==> flow/design.v <==
module cpu_multiplier_v2 #(
  parameter integer WD = 5,
  parameter integer MULT_BY = 46341,
  parameter integer SUM_W = WD + $clog2(MULT_BY + 1)
) (
  input wire i_clk,
  input wire rst_i,
  input wire adv,
  input wire [WD-1:0] u,
  output wire [SUM_W-1:0] q
);
  reg [WD-1:0] u_r;
  always @(posedge i_clk) begin
    if (rst_i) begin
      u_r <= 0;
    end else if (adv) begin
      u_r <= u;
    end
  end
  reg [SUM_W-1:0] r;
  integer k;
  always @* begin
    r = 0;
    for (k = 0; k < SUM_W - WD; k = k + 1)
      if ((MULT_BY >> k) & 1) r = r + (u_r << k);
  end
  assign q = r;
endmodule
Hand-over note for cpu_multiplier_v2

Reports on cpu_multiplier_v2
Module cpu_multiplier_v2 in several versions that differ in "WD"; each step lists the members.
The file above is the member WD=5. Line numbers count from 1 in each member's own file.
Operators: Yosys type, input widths -> output width; for muxes data width and select width s.
Cell names lack the library's common part.
{"block": "setup", "top": "cpu_multiplier_v2", "clock": "i_clk", "lib": "sky130hd", "pvt_corner": "tt_025C_1v80"}

Members of the sweep
New or changed lines of each further member against the RTL above, in its own file; lines it lacks are not shown.
{"block": "changed_lines", "WD": 14, "line": 2, "source": "parameter integer WD = 14,"}
{"block": "changed_lines", "WD": 32, "line": 2, "source": "parameter integer WD = 32,"}
{"block": "changed_lines", "WD": 36, "line": 2, "source": "parameter integer WD = 36,"}
{"block": "changed_lines", "WD": 56, "line": 2, "source": "parameter integer WD = 56,"}

Word-level counts
Source: Yosys, flattened and elaborated, memories not mapped. Widths are those after wreduce; folded enables and synchronous resets count as part of the registers. Registers that Yosys merges into a memory's read port (data or address) are not register bits. Print and check cells do not count. Equal cells are merged and count once.
{"block": "op_classes", "WD": 5, "add_sub_neg": 6}
{"block": "op_classes", "WD": 14, "add_sub_neg": 6}
{"block": "op_classes", "WD": 32, "add_sub_neg": 6}
{"block": "op_classes", "WD": 36, "add_sub_neg": 6}
{"block": "op_classes", "WD": 56, "add_sub_neg": 6}
{"block": "op_table", "WD": 5, "operators": "$add 19x20->21: 1; $add 18x18->19: 1; $add 16x17->18: 1; $add 14x15->16: 1; $add 8x13->14: 1; $add 5x7->8: 1"}
{"block": "op_table", "WD": 14, "operators": "$add 28x29->30: 1; $add 27x27->28: 1; $add 25x26->27: 1; $add 23x24->25: 1; $add 17x22->23: 1; $add 14x16->17: 1"}
{"block": "op_table", "WD": 32, "operators": "$add 46x47->48: 1; $add 45x45->46: 1; $add 43x44->45: 1; $add 41x42->43: 1; $add 35x40->41: 1; $add 32x34->35: 1"}
{"block": "op_table", "WD": 36, "operators": "$add 50x51->52: 1; $add 49x49->50: 1; $add 47x48->49: 1; $add 45x46->47: 1; $add 39x44->45: 1; $add 36x38->39: 1"}
{"block": "op_table", "WD": 56, "operators": "$add 70x71->72: 1; $add 69x69->70: 1; $add 67x68->69: 1; $add 65x66->67: 1; $add 59x64->65: 1; $add 56x58->59: 1"}
{"block": "bits", "WD": 5, "word_cells": 7, "reg_bits": 5, "output_inout_bits": 21, "in_bits": 8}
{"block": "bits", "WD": 14, "word_cells": 7, "reg_bits": 14, "output_inout_bits": 30, "in_bits": 17}
{"block": "bits", "WD": 32, "word_cells": 7, "reg_bits": 32, "output_inout_bits": 48, "in_bits": 35}
{"block": "bits", "WD": 36, "word_cells": 7, "reg_bits": 36, "output_inout_bits": 52, "in_bits": 39}
{"block": "bits", "WD": 56, "word_cells": 7, "reg_bits": 56, "output_inout_bits": 72, "in_bits": 59}

Depth
Depth = most cells in a row (Yosys ltp): at word level without a register or memory, in the mapped netlist without a sequential cell, where the memories' decode and read muxes count.
{"block": "logic_depth", "WD": 5, "depth_word": 6, "abc_area": 0, "ltp_mapped": 7, "mapped_depth_nobuf": 7}
{"block": "logic_depth", "WD": 14, "depth_word": 6, "abc_area": 0, "ltp_mapped": 16, "mapped_depth_nobuf": 15}
{"block": "logic_depth", "WD": 32, "depth_word": 6, "abc_area": 0, "ltp_mapped": 19, "mapped_depth_nobuf": 18}
{"block": "logic_depth", "WD": 36, "depth_word": 6, "abc_area": 0, "ltp_mapped": 18, "mapped_depth_nobuf": 17}
{"block": "logic_depth", "WD": 56, "depth_word": 6, "abc_area": 0, "ltp_mapped": 20, "mapped_depth_nobuf": 19}

After synthesis
Source: synth_stat.txt of the flow (Yosys; design flattened, memories mapped). It holds for the ABC_AREA given above (unset counts as 0); a run with the other value may have another netlist.
{"block": "by_type", "WD": 5, "type_list": "ha_1: 12; fa_1: 7; dfxtp_1: 5; xnor2_1: 8; mux2i_1: 5; buf_4: 6; a21oi_1: 6; o21ai_0: 6; nor2_1: 7; o41ai_2: 1; a21o_1: 2; inv_1: 4; o21bai_1: 2; a211oi_2: 1; a21o_2: 1; xor2_1: 1; a211oi_1: 1; clkbuf_1: 2; [+7]"}
{"block": "by_type", "WD": 14, "type_list": "fa_1: 45; ha_1: 63; inv_1: 84; dfxtp_1: 14; mux2i_1: 16; nor2_1: 29; a21oi_1: 21; xnor2_1: 10; a21o_1: 8; nand2_1: 12; xor2_1: 5; o21ai_0: 7; a31oi_1: 5; o21ai_1: 4; nand2b_1: 3; nand4_1: 3; a31o_4: 1; o21ai_2: 2; [+37]"}
{"block": "by_type", "WD": 32, "type_list": "fa_1: 135; ha_1: 103; inv_1: 190; dfxtp_1: 32; mux2i_1: 32; xnor2_1: 26; a21oi_1: 43; nor2_1: 45; a21o_1: 21; xor2_1: 13; o21ai_0: 20; nand2_1: 20; nand3_1: 12; nand4_1: 9; a31oi_4: 2; clkbuf_1: 11; nor3_1: 7; nor2b_1: 5; [+63]"}
{"block": "by_type", "WD": 36, "type_list": "fa_1: 155; ha_1: 107; inv_1: 217; dfxtp_1: 36; mux2i_1: 36; a21oi_1: 49; nor2_1: 64; xnor2_1: 26; xor2_1: 16; a21o_1: 18; nand2_1: 27; o21ai_0: 19; nand4_1: 15; clkbuf_1: 20; o21a_1: 8; a31oi_1: 8; nand3_1: 10; o21bai_1: 5; [+76]"}
{"block": "by_type", "WD": 56, "type_list": "fa_1: 255; ha_1: 127; inv_1: 362; dfxtp_1: 56; mux2i_1: 56; xnor2_1: 41; nor2_1: 95; a21oi_1: 71; a21o_1: 38; xor2_1: 23; nand2_1: 53; o21ai_0: 28; nand4_1: 21; o21bai_1: 12; clkbuf_1: 23; o21a_1: 9; buf_2: 12; nand3_1: 12; [+130]"}
The mark [+n] counts cells that are not listed.
{"block": "mapped", "WD": 5, "buffers": 8, "flip_flops": 5, "sequential_area_mm2": 0.0001001, "mapped_area_mm2": 0.000787, "cell_count": 84}
{"block": "mapped", "WD": 14, "buffers": 6, "flip_flops": 14, "sequential_area_mm2": 0.0002803, "mapped_area_mm2": 0.0033344, "cell_count": 369}
{"block": "mapped", "WD": 32, "buffers": 19, "flip_flops": 32, "sequential_area_mm2": 0.0006406, "mapped_area_mm2": 0.0074959, "cell_count": 789}
{"block": "mapped", "WD": 36, "buffers": 27, "flip_flops": 36, "sequential_area_mm2": 0.0007207, "mapped_area_mm2": 0.0085094, "cell_count": 912}
{"block": "mapped", "WD": 56, "buffers": 41, "flip_flops": 56, "sequential_area_mm2": 0.0011211, "mapped_area_mm2": 0.0131163, "cell_count": 1424}

Timing after synthesis
Path of least setup slack by OpenSTA after synthesis, without wires, with an ideal clock, recovery checks aside; 20% of the period is set as input and as output delay. Where synthesis merged equal registers, the netlist keeps one of their names.
{"block": "synth_timing", "WD": 5, "path_kind": "register -> output", "start": "register u_r[1]", "end": "output q[19]", "tclk_ns": 3.44, "stages": 8, "setup_slack_ns": 0.551, "path_delay_ns": 2.201, "synth_period_reached_ns": 2.889}
{"block": "synth_timing", "WD": 14, "path_kind": "register -> output", "start": "register u_r[0]", "end": "output q[24]", "tclk_ns": 6.27, "stages": 16, "setup_slack_ns": 1.001, "path_delay_ns": 4.015, "synth_period_reached_ns": 5.269}
{"block": "synth_timing", "WD": 32, "path_kind": "register -> output", "start": "register u_r[5]", "end": "output q[46]", "tclk_ns": 7.48, "stages": 20, "setup_slack_ns": 1.196, "path_delay_ns": 4.788, "synth_period_reached_ns": 6.284}
{"block": "synth_timing", "WD": 36, "path_kind": "register -> output", "start": "register u_r[6]", "end": "output q[50]", "tclk_ns": 7.69, "stages": 18, "setup_slack_ns": 1.232, "path_delay_ns": 4.920, "synth_period_reached_ns": 6.458}
{"block": "synth_timing", "WD": 56, "path_kind": "register -> output", "start": "register u_r[6]", "end": "output q[64]", "tclk_ns": 8.04, "stages": 20, "setup_slack_ns": 1.285, "path_delay_ns": 5.147, "synth_period_reached_ns": 6.755}
"path_delay_ns" is the arrival time less input delay plus setup time.
At an output port there is no setup time.
"stages": output pins that drive a net of the path, with the launching flip-flop's if there is one; two outputs of one cell count as two.
"synth_period_reached_ns" = period - worst setup slack (recovery checks aside). The figure is calculated, with input and output delays left at 20% of the set period.
Between the ends stands the longest chain of elaborated cells between them, by number of cells; it is not shown to be the way that was timed. Of several equally long chains one is given.
A line is the first line of the expression or statement that the cell stems from. Yosys adds cells for indexed reads and writes and turns some case tables into memories.
{"block": "synth_via_WD_5", "elab_chain_cells": 6}
{"block": "synth_rtl_WD_5", "item": "from (decl)", "line": 12, "source": "reg [WD-1:0] u_r;"}
{"block": "synth_rtl_WD_5", "item": "from (assign)", "line": 15, "source": "u_r <= 0;"}
{"block": "synth_rtl_WD_5", "item": "from (assign)", "line": 17, "source": "u_r <= u;"}
{"block": "synth_rtl_WD_5", "item": "$add 5x7->8", "line": 25, "source": "if ((MULT_BY >> k) & 1) r = r + (u_r << k);"}
{"block": "synth_rtl_WD_5", "item": "$add 8x13->14", "line": 25}
{"block": "synth_rtl_WD_5", "item": "$add 14x15->16", "line": 25}
{"block": "synth_rtl_WD_5", "item": "$add 16x17->18", "line": 25}
{"block": "synth_rtl_WD_5", "item": "$add 18x18->19", "line": 25}
{"block": "synth_rtl_WD_5", "item": "$add 19x20->21", "line": 25}
{"block": "synth_rtl_WD_5", "item": "to (decl)", "line": 10, "source": "output wire [SUM_W-1:0] q"}
{"block": "synth_via_WD_56", "elab_chain_cells": 6}
{"block": "synth_rtl_WD_56", "item": "from (decl)", "line": 12, "source": "reg [WD-1:0] u_r;"}
{"block": "synth_rtl_WD_56", "item": "from (assign)", "line": 15, "source": "u_r <= 0;"}
{"block": "synth_rtl_WD_56", "item": "from (assign)", "line": 17, "source": "u_r <= u;"}
{"block": "synth_rtl_WD_56", "item": "$add 56x58->59", "line": 25, "source": "if ((MULT_BY >> k) & 1) r = r + (u_r << k);"}
{"block": "synth_rtl_WD_56", "item": "$add 59x64->65", "line": 25}
{"block": "synth_rtl_WD_56", "item": "$add 65x66->67", "line": 25}
{"block": "synth_rtl_WD_56", "item": "$add 67x68->69", "line": 25}
{"block": "synth_rtl_WD_56", "item": "$add 69x69->70", "line": 25}
{"block": "synth_rtl_WD_56", "item": "$add 70x71->72", "line": 25}
{"block": "synth_rtl_WD_56", "item": "to (decl)", "line": 10, "source": "output wire [SUM_W-1:0] q"}

Timing after layout
From the final timing report of the run of each member: the path of least setup slack in the routed layout; clock arrival at registers is part of the times.
{"block": "layout_timing", "WD": 5, "path_kind": "register -> output", "start": "register u_r[0]", "end": "output q[19]", "tclk_ns": 3.44, "setup_slack_ns": 0.18, "n_path_buf": 1, "t_arrival_ns": 2.57, "stages": 8}
{"block": "layout_timing", "WD": 14, "path_kind": "register -> output", "start": "register u_r[2]", "end": "output q[22]", "tclk_ns": 6.27, "setup_slack_ns": 0.23, "n_path_buf": 2, "t_arrival_ns": 4.78, "stages": 17}
{"block": "layout_timing", "WD": 32, "path_kind": "register -> output", "start": "register u_r[2]", "end": "output q[44]", "tclk_ns": 7.48, "setup_slack_ns": 0.24, "n_path_buf": 1, "t_arrival_ns": 5.75, "stages": 20}
{"block": "layout_timing", "WD": 36, "path_kind": "register -> output", "start": "register u_r[20]", "end": "output q[50]", "tclk_ns": 7.69, "setup_slack_ns": 0.24, "n_path_buf": 1, "t_arrival_ns": 5.91, "stages": 18}
{"block": "layout_timing", "WD": 56, "path_kind": "register -> output", "start": "register u_r[2]", "end": "output q[69]", "tclk_ns": 8.04, "setup_slack_ns": 0.24, "n_path_buf": 2, "t_arrival_ns": 6.20, "stages": 22}

Measured runs
One run of the flow (Yosys, OpenROAD) for each member, with settings and measured results. Input and output delays are each 20% of the period that was set; the output load is 0.01 pF.
{"block": "settings", "CAP_MARGIN": 20, "CORE_MARGIN": 2, "CORE_UTILIZATION": 40, "SLEW_MARGIN": 20}
{"block": "settings_diff", "WD": 5, "period_ns": 3.44}
{"block": "settings_diff", "WD": 14, "period_ns": 6.27}
{"block": "settings_diff", "WD": 32, "period_ns": 7.48}
{"block": "settings_diff", "WD": 36, "period_ns": 7.69}
{"block": "settings_diff", "WD": 56, "period_ns": 8.04}
{"block": "results", "WD": 5, "stdcell_area_mm2": 0.0011373, "worst_setup_slack_ns": 0.183, "ws_hold_ns": 0.568, "dieArea_mm2": 0.0023382, "final_util_pct": 59.8, "post_synth_area_mm2": 0.000787, "design_power_mw": 0.3124}
{"block": "results", "WD": 14, "stdcell_area_mm2": 0.0040314, "worst_setup_slack_ns": 0.232, "ws_hold_ns": 0.574, "dieArea_mm2": 0.0090821, "final_util_pct": 49.6, "post_synth_area_mm2": 0.0033344, "design_power_mw": 0.9017}
{"block": "results", "WD": 32, "stdcell_area_mm2": 0.0090262, "worst_setup_slack_ns": 0.239, "ws_hold_ns": 0.559, "dieArea_mm2": 0.0198514, "final_util_pct": 48.7, "post_synth_area_mm2": 0.0074959, "design_power_mw": 2.623}
{"block": "results", "WD": 36, "stdcell_area_mm2": 0.0100296, "worst_setup_slack_ns": 0.245, "ws_hold_ns": 0.582, "dieArea_mm2": 0.0224565, "final_util_pct": 47.9, "post_synth_area_mm2": 0.0085094, "design_power_mw": 2.884}
{"block": "results", "WD": 56, "stdcell_area_mm2": 0.015625, "worst_setup_slack_ns": 0.236, "ws_hold_ns": 0.551, "dieArea_mm2": 0.0342546, "final_util_pct": 48.1, "post_synth_area_mm2": 0.0131163, "design_power_mw": 4.875}
By "design_power_mw" is meant OpenSTA's value without simulated activity: inputs other than the clock are taken to toggle once in ten clock periods, and the tool carries that through the logic.

End of note.
